==> flow/design.v <==
module ex_as_core_stage #(
    parameter integer DATA_WIDTH = 4
) (
    input  logic aclk,
    input  logic rst_n,
    input  logic [DATA_WIDTH-1:0] da_i,
    input  logic [DATA_WIDTH-1:0] db_i,
    input  logic subtract_i,
    output logic [DATA_WIDTH-1:0] result_o,
    output logic carry_out_o
);
    logic [DATA_WIDTH-1:0] r_da;
    always_ff @(posedge aclk) begin
        if (!rst_n) begin
            r_da <= 0;
        end else begin
            r_da <= da_i;
        end
    end
    logic [DATA_WIDTH-1:0] r_db;
    always_ff @(posedge aclk) begin
        if (!rst_n) begin
            r_db <= 0;
        end else begin
            r_db <= db_i;
        end
    end
    logic r_subtract;
    always_ff @(posedge aclk) begin
        if (!rst_n) begin
            r_subtract <= 1'b0;
        end else begin
            r_subtract <= subtract_i;
        end
    end
    logic [DATA_WIDTH-1:0] aux;
    assign aux = r_db ^ {DATA_WIDTH{r_subtract}};
    logic [DATA_WIDTH:0] val;
    assign val = r_da + aux + r_subtract;
    assign result_o = val[DATA_WIDTH-1:0];
    assign carry_out_o = val[DATA_WIDTH];
endmodule
# From RTL to reports: ex_as_core_stage
# A sweep over "DATA_WIDTH": the same steps for each member of the family.
# The RTL above is that of DATA_WIDTH = 4; lines are counted from 1 in the file of the member named.
# Operators carry their Yosys type and port widths (W data, S select, Z words).
# Cell names lack the library's common part.
# Not given: --
# inputs
top,ex_as_core_stage
clk_port,aclk
cell_library,sky130hd
pvt_corner,tt_025C_1v80

# Source of the members
# Lines of each other member's file that are new or changed against the file above; lines that a member lacks are not shown.
# changed_lines
DATA_WIDTH,line_no,text
6,2,parameter integer DATA_WIDTH = 6
80,2,parameter integer DATA_WIDTH = 80
128,2,parameter integer DATA_WIDTH = 128

# Word level
# Counts by Yosys on the flattened word-level netlist (proc, flatten, opt, wreduce; memories kept). Register bits leave out memories and registers merged into their read ports (data or address); mux counts leave out enables and synchronous resets folded into registers. Print and check cells are left out. Cells with the same type and inputs are merged into one.
# bits
DATA_WIDTH,wordCells,input_bits,regBits,output_inout_bits
4,6,11,9,5
6,6,15,13,7
80,6,163,161,81
128,6,259,257,129
# op_classes
DATA_WIDTH,logic,add_sub_neg
4,1,2
6,1,2
80,1,2
128,1,2
# ops
DATA_WIDTH,operators
4,$add A4 B4 Y5: 1; $add A5 B1 Y5: 1; $xor A4 B4 Y4: 1
6,$add A6 B6 Y7: 1; $add A7 B1 Y7: 1; $xor A6 B6 Y6: 1
80,$add A80 B80 Y81: 1; $add A81 B1 Y81: 1; $xor A80 B80 Y80: 1
128,$add A128 B128 Y129: 1; $add A129 B1 Y129: 1; $xor A128 B128 Y128: 1

# Depth
# Depth = most cells in a row (Yosys ltp): at word level without a register or memory, in the mapped netlist without a sequential cell, where the memories' decode and read muxes count.
# depth
DATA_WIDTH,depth_word,ABC_AREA,mapped_depth,mapped_depth_nobuf
4,3,0,5,5
6,3,0,7,6
80,3,0,15,13
128,3,0,17,14

# Synthesis result
# The flow's flattened synthesis, as Yosys stat reports it; memories are mapped. The netlist is that of the ABC_AREA named above (0 if unset); the other value can give another one.
# types
DATA_WIDTH,type_list
4,dfxtp_1: 9; and2_1: 9; xor2_1: 5; ha_1: 3; fa_1: 1; mux2_4: 1; a2111oi_0: 1; and3b_1: 1; nor4b_1: 1; nor3b_1: 1; o21bai_1: 1; or4_1: 1; nand4_1: 1; a21oi_1: 1; clkinvlp_2: 1; nand3_1: 1
6,dfxtp_1: 13; and2_1: 14; ha_1: 6; xor2_1: 8; fa_1: 1; a21o_1: 2; a21oi_1: 3; mux2i_2: 1; a211oi_2: 1; buf_6: 1; o22a_1: 1; xnor2_1: 1; a211oi_1: 1; inv_1: 2; nand2_1: 2; o21bai_1: 1; nand4_1: 1; o22ai_1: 1; [+5]
80,dfxtp_1: 161; ha_1: 82; and2_1: 163; xor2_1: 104; a21oi_1: 108; xnor2_1: 53; a21o_1: 36; o21ai_0: 52; nand4_1: 40; nand2_1: 62; nor2_1: 58; o21bai_1: 28; clkbuf_1: 55; inv_1: 26; o21a_1: 13; nor3_1: 14; nand2b_1: 10; a31oi_1: 9; [+101]
128,dfxtp_1: 257; ha_1: 141; and2_1: 261; xor2_1: 176; a21oi_1: 206; xnor2_1: 73; a21o_1: 68; nand2_1: 132; o21ai_0: 98; nand4_1: 66; nor2_1: 96; o21bai_1: 41; clkbuf_1: 61; inv_1: 50; o21a_1: 21; buf_2: 26; nor3_1: 21; o21ai_1: 18; [+189]
# The mark [+n] counts cells that are not listed.
# mapped
DATA_WIDTH,buffers,cells,ff_cells,synth_area_um2
4,0,38,9,422.9
6,2,65,13,664.4
80,64,1175,161,9979.6
128,98,2001,257,16771.1

# Timing after synthesis
# Path of least setup slack by OpenSTA after synthesis, without wires, with an ideal clock, recovery checks aside; 20% of the period is set as input and as output delay. Where synthesis merged equal registers, the netlist keeps one of their names.
# synth_path
DATA_WIDTH,path_type,from,to,path_delay_ps,driving_pins,setup_slack_ps,clock_period_ps,period_less_setup_slack_ps
4,flip-flop to output port,reg r_subtract,out result_o[3],1556,6,388,2430,2042
6,flip-flop to output port,reg r_db[0],out result_o[4],1606,7,402,2510,2108
80,flip-flop to output port,reg r_subtract,out result_o[72],4098,16,1022,6400,5378
128,flip-flop to output port,reg r_subtract,out result_o[118],4122,17,1030,6440,5410
# "path_delay_ps" is the arrival time less input delay plus setup time.
# A path that ends at an output port has no setup time.
# "driving_pins" counts driving pins, that of a launching flip-flop among them; a cell with two outputs on the path counts twice.
# "period_less_setup_slack_ps" is the clock period less the worst setup slack; recovery checks do not enter. This is arithmetic on one report: input and output delays are still those of the set period (20% each).
# Between the ends stands the longest chain of elaborated cells between them, by number of cells; it is not shown to be the way that was timed. Of several equally long chains one is given.
# A line is the first line of the expression or statement that the cell stems from. Yosys adds cells for indexed reads and writes and turns some case tables into memories.
# synth_between_DATA_WIDTH_4
elab_chain_len,3
# synth_lines_DATA_WIDTH_4
item,line_no,text
start: declaration,28,logic r_subtract;
start: assignment,31,r_subtract <= 1'b0;
start: assignment,33,r_subtract <= subtract_i;
$xor A4 B4 Y4,37,assign aux = r_db ^ {DATA_WIDTH{r_subtract}};
$add A4 B4 Y5,39,assign val = r_da + aux + r_subtract;
$add A5 B1 Y5,39,
end: declaration,9,"output logic [DATA_WIDTH-1:0] result_o,"
# synth_between_DATA_WIDTH_128
elab_chain_len,3
# synth_lines_DATA_WIDTH_128
item,line_no,text
start: declaration,28,logic r_subtract;
start: assignment,31,r_subtract <= 1'b0;
start: assignment,33,r_subtract <= subtract_i;
$xor A128 B128 Y128,37,assign aux = r_db ^ {DATA_WIDTH{r_subtract}};
$add A128 B128 Y129,39,assign val = r_da + aux + r_subtract;
$add A129 B1 Y129,39,
end: declaration,9,"output logic [DATA_WIDTH-1:0] result_o,"

# Timing after layout
# From the final timing report of each member's run: the path of least setup slack in the routed layout; clock arrival at registers is part of the times.
# The path's times are printed in steps of 10 ps; the period is the one set.
# layout_path
DATA_WIDTH,path_type,from,to,setup_slack_ps,clock_period_ps,driving_pins,t_arrival_ps,path_buffers
4,flip-flop to output port,reg r_subtract,out result_o[3],30,2430,7,1910,1
6,flip-flop to output port,reg r_subtract,out result_o[5],60,2510,9,1950,3
80,flip-flop to output port,reg r_subtract,out result_o[72],270,6400,13,4850,2
128,flip-flop to output port,reg r_subtract,out result_o[126],100,6440,18,5050,4

# Layout results
# Settings and results of one run of the flow (Yosys, OpenROAD) for each member follow. The constraints put input and output delay at 20% of the set period each and load the outputs with 0.01 pF.
# flow_settings
CAP_MARGIN,20
CORE_MARGIN,2
CORE_UTILIZATION,40
SLEW_MARGIN,20
# settings_by_member
DATA_WIDTH,period_ns
4,2.43
6,2.51
80,6.4
128,6.44
# measured
DATA_WIDTH,achieved_period_ps,power_uw,total_die_area_um2,finish.stdcell_area_um2,setup_tns_ps,synth_chip_area_um2,hold_worst_slack_ps,ws_setup_ps,finish.utilization_frac
4,2396,378,1333.3,671.9,0,422.9,807,34,0.697
6,2453,556.1,2003.0,1074.8,0,664.4,781,57,0.705
80,6129,3312,26227.8,13257.7,0,9979.6,1421,271,0.544
128,6341,5546,43580.7,22816.9,0,16771.1,1250,99,0.548
# "achieved_period_ps" is the run's clock period less its worst setup slack. It is reckoned from that one timing run; input and output delays stay at 20% of the period that was set.
# "power_uw" rests on the timing tool's default activity at the inputs, not on a simulated workload.
